==> flow/design.v <==
module rf_blk #(
    parameter NREGS = 6,
    parameter XLEN = 64,
    parameter ADDR_WIDTH = $clog2(NREGS)
) (
    input wire aclk,
    input wire nrst,
    input wire valid,
    input wire load_in,
    input wire [ADDR_WIDTH-1:0] write_addr_in,
    input wire [XLEN-1:0] wdata_in,
    input wire [ADDR_WIDTH-1:0] raddr0_in,
    input wire [ADDR_WIDTH-1:0] raddr1_in,
    output wire [XLEN-1:0] rdata0_out,
    output wire [XLEN-1:0] rdata1_out
);
    reg load_s;
    reg [ADDR_WIDTH-1:0] write_addr_s;
    reg [XLEN-1:0] wdata_s;
    always @(posedge aclk) begin
        if (~nrst) begin
            load_s <= 1'b0;
            write_addr_s <= 0;
            wdata_s <= 0;
        end else if (valid) begin
            load_s <= load_in;
            write_addr_s <= write_addr_in;
            wdata_s <= wdata_in;
        end
    end
    reg [XLEN-1:0] gpr [NREGS-1:0];
    integer k;
    always @(posedge aclk) begin
        if (~nrst) begin
            for (k = 0; k < NREGS; k = k + 1)
                gpr[k] <= 0;
        end else if (valid && load_s) begin
            gpr[write_addr_s] <= wdata_s;
        end
    end
    reg [ADDR_WIDTH-1:0] raddr0_s;
    reg [ADDR_WIDTH-1:0] raddr1_s;
    always @(posedge aclk) begin
        if (~nrst) begin
            raddr0_s <= 0;
            raddr1_s <= 0;
        end else if (valid) begin
            raddr0_s <= raddr0_in;
            raddr1_s <= raddr1_in;
        end
    end
    assign rdata0_out = gpr[raddr0_s];
    assign rdata1_out = gpr[raddr1_s];
endmodule
## From RTL to reports: rf_blk

Tool output for the design above, in the order of the flow.
Lines are those of the file above, counted from 1.
Library cell names are shortened.
A cell with -- has no value.

- Top: rf_blk
- Clock: aclk
- Library: sky130hd
- Library corner: tt_025C_1v80

## Word level

Yosys after proc, flatten, opt, wreduce and memory -nomap, before mapping. Print and check cells are not counted. Equal cells are merged and count once.
Yosys's memory passes give these memory sizes; they may raise the number of words (mostly to a power of two), join words into wider ones and drop unused or constant bits.

- Bits in registers: 74
- Memory bits (writable): 512
- Memories kept: 1
- Input port bits: 77
- Output and inout bits: 128

Memory list:

| name | words | bits a word | RTL line | RTL |
|---|---|---|---|---|
| gpr | 8 | 64 | 31 | `reg [XLEN-1:0] gpr [NREGS-1:0];` |

- Mux-type cells: 14
- Reductions and logical operators: 2

Operators by type and width:

| cell | count |
|---|---|
| 64-bit 2-to-1 mux | 3 |
| 64-bit OR reduction | 1 |
| 3-bit 2-to-1 mux | 7 |
| 1-bit 2-to-1 mux | 4 |
| 1-bit logical AND | 1 |

## Depth

Longest topological path by Yosys (ltp), each cell counted once; first at word level (registers and memories cut), then after technology mapping (sequential cells cut; the memories' decode and read muxes count).

- Depth in word-level cells: 5
- ABC_AREA: 0
- Mapped depth: 5

## After synthesis

Yosys stat after the flow's synthesis: flattened, memories mapped to cells. It holds for the ABC_AREA given above (unset counts as 0); a run with the other value may have another netlist.
The area totals of this step are shown rounded.

Cell types:

| type | count | total area (um^2) |
|---|---|---|
| edfxtp_1 | 512 | 1.54E+04 |
| mux4_2 | 256 | 5765.53 |
| dfxtp_1 | 80 | 1.6E+03 |
| nor3_1 | 320 | 1.6E+03 |
| mux2_2 | 128 | 1.44E+03 |
| mux2i_1 | 74 | 740.71 |
| inv_1 | 128 | 480.461 |
| nor2b_1 | 74 | 462.944 |
| nand4_1 | 64 | 400.384 |
| clkbuf_1 | 83 | 311.549 |
| buf_6 | 22 | 247.738 |
| buf_1 | 43 | 161.405 |
| buf_2 | 26 | 130.125 |
| buf_4 | 6 | 45.043 |
| o21ai_0 | 6 | 30.029 |
| nand3b_1 | 2 | 15.014 |
| nand2b_1 | 2 | 12.512 |
| nand3_1 | 2 | 10.01 |

Other cell types: 3; their cells: 4.

- Cell count: 1832
- Mapped area: 0.029 mm^2
- Area of sequential cells: 0.017 mm^2
- Mapped flip-flops: 592
- Buffers: 180

## Timing after synthesis

Source: OpenSTA report_checks on the synthesized netlist (no wires, ideal clock, input and output delay 20% of the period each), path of least setup slack; recovery checks are left aside. Register names are those of the netlist, which keeps one name where synthesis merged equal registers.

- Kind: input to register
- From: input port nrst
- To: memory gpr[4][0]
- Period: 8980 ps
- Input delay: 1796 ps
- Time at the first pin: 1796 ps
- Arrival time: 6971 ps
- Required time: 8406 ps
- Setup slack: 1435 ps
- Path delay: 5749 ps
- Stages on the path: 4
- Buffers on the path: 2
- Period reached after synthesis: 7545 ps

"path delay" = arrival - input delay + setup time.
"stages on the path": output pins that drive a net of the path, with the launching flip-flop's if there is one; two outputs of one cell count as two.
"period reached after synthesis" is the clock period less the worst setup slack; recovery checks do not enter. This is arithmetic on one report: input and output delays are still those of the set period (20% each).
Between the ends stands the longest chain of elaborated cells between them, by number of cells; it is not shown to be the way that was timed. Of several equally long chains one is given.
A line is the first line of the expression or statement that the cell stems from. Yosys adds cells for indexed reads and writes and turns some case tables into memories.
Only ways into the end's enable, where the timed path ends, are counted here.

- Path through: or3b_1 -> clkbuf_1 -> clkbuf_1 -> o21ai_0
- Cells in the longest elaborated chain: 3
- Elaborated cells between the ends (all ways): 6

RTL lines, path after synthesis:

| element | RTL line | RTL |
|---|---|---|
| from (decl) | 7 | `input wire nrst,` |
| 1-bit 2-to-1 mux | 34 | `if (~nrst) begin` |
| 64-bit OR reduction | -- |  |
| 3-bit 2-to-1 mux | -- |  |
| to (decl) | 31 | `reg [XLEN-1:0] gpr [NREGS-1:0];` |

## Path in the finished layout

Path of least setup slack in the final report of run 2 (OpenROAD, finished layout, wires in). Where an end is a register, its clock arrival counts in the times.
The path's times are printed in steps of 10 ps; the period is the one set.

- Kind: register to output
- From: register (name not given)
- To: output port rdata0_out[24]
- Period: 8980 ps
- Time at the first pin: 590 ps
- Arrival time: 3650 ps
- Required time: 7180 ps
- Setup slack: 3530 ps
- Stages on the path: 5
- Buffers on the path: 2

- Path through: dfxtp_4 -> buf_12 -> mux4_2 -> mux2_2 -> clkdlybuf4s50_1

RTL lines, path post-layout:

| element | RTL line | RTL |
|---|---|---|
| to (decl) | 14 | `output wire [XLEN-1:0] rdata0_out,` |

No chain of elaborated cells between the ends is given.

Measured results for rf_blk: 3 stored runs of the Yosys and OpenROAD flow on sky130hd. The settings differ; the order carries no meaning. The constraints put input and output delay at 20% of the set period each and load the outputs with 0.01 pF.
"clock period reached": clock period set for the run, less the worst setup slack. It is reckoned from that one timing run; input and output delays stay at 20% of the period that was set.
"worst path time" = time allowed to the worst setup path (clock period - input delay - output delay, where it has them) - its slack; a late launch clock adds to it, a late capture clock takes from it.
"power" rests on the timing tool's default activity at the inputs, not on a simulated workload.
"worst path time" is known to 10 ps.
The results are shown rounded.
Among the settings, . means not set for that run.
A result given as . is not shown for that run.

| item | run 1 | run 2 | run 3 |
|---|---|---|---|
| period_ns | 10.7 | 8.98 | 7.45 |
| CORE_UTILIZATION | 67 | 40 | 25 |
| PLACE_DENSITY_LB_ADDON | 0.26 | . | 0.11 |
| HOLD_SLACK_MARGIN | 0.11 | . | . |
| CELL_PAD_IN_SITES_DETAIL_PLACEMENT | 2 | . | . |
| TNS_END_PERCENT | 15 | . | . |
| GPL_TIMING_DRIVEN | 1 | . | . |
| GPL_ROUTABILITY_DRIVEN | 1 | . | . |
| CTS_CLUSTER_DIAMETER | 357 | . | 93 |
| MIN_ROUTING_LAYER | met1 | . | . |
| CAP_MARGIN | 20 | 20 | 5 |
| CORE_MARGIN | 2 | 2 | 3 |
| SLEW_MARGIN | 20 | 20 | 25 |
| SETUP_SLACK_MARGIN | . | . | 0.1 |
| CORE_ASPECT_RATIO | . | . | 1.24 |
| CELL_PAD_IN_SITES_GLOBAL_PLACEMENT | . | . | 1 |
| MAX_ROUTING_LAYER | . | . | met5 |
| worst-case hold slack (ps) | . | 520 | 520 |
| mapped cell area after synthesis (mm^2) | . | 0.029 | 0.029 |
| standard-cell area after layout (mm^2) | . | 0.034 | 0.035 |
| overall die area (mm^2) | . | 0.074 | 0.12 |
| utilization (%) | . | 47 | 31 |
| worst path time (ps) | . | 3650 | 3530 |
| worst setup path kind | . | register to output | register to output |
| setup TNS (ps) | . | 0 | 0 |
| worst slack on setup checks (ps) | . | 3500 | 2400 |
| clock period reached (ps) | . | 5445 | 5022 |
| power (uW) | . | 6600 | 8300 |

Run 1: not finished: placement ended with a tool error
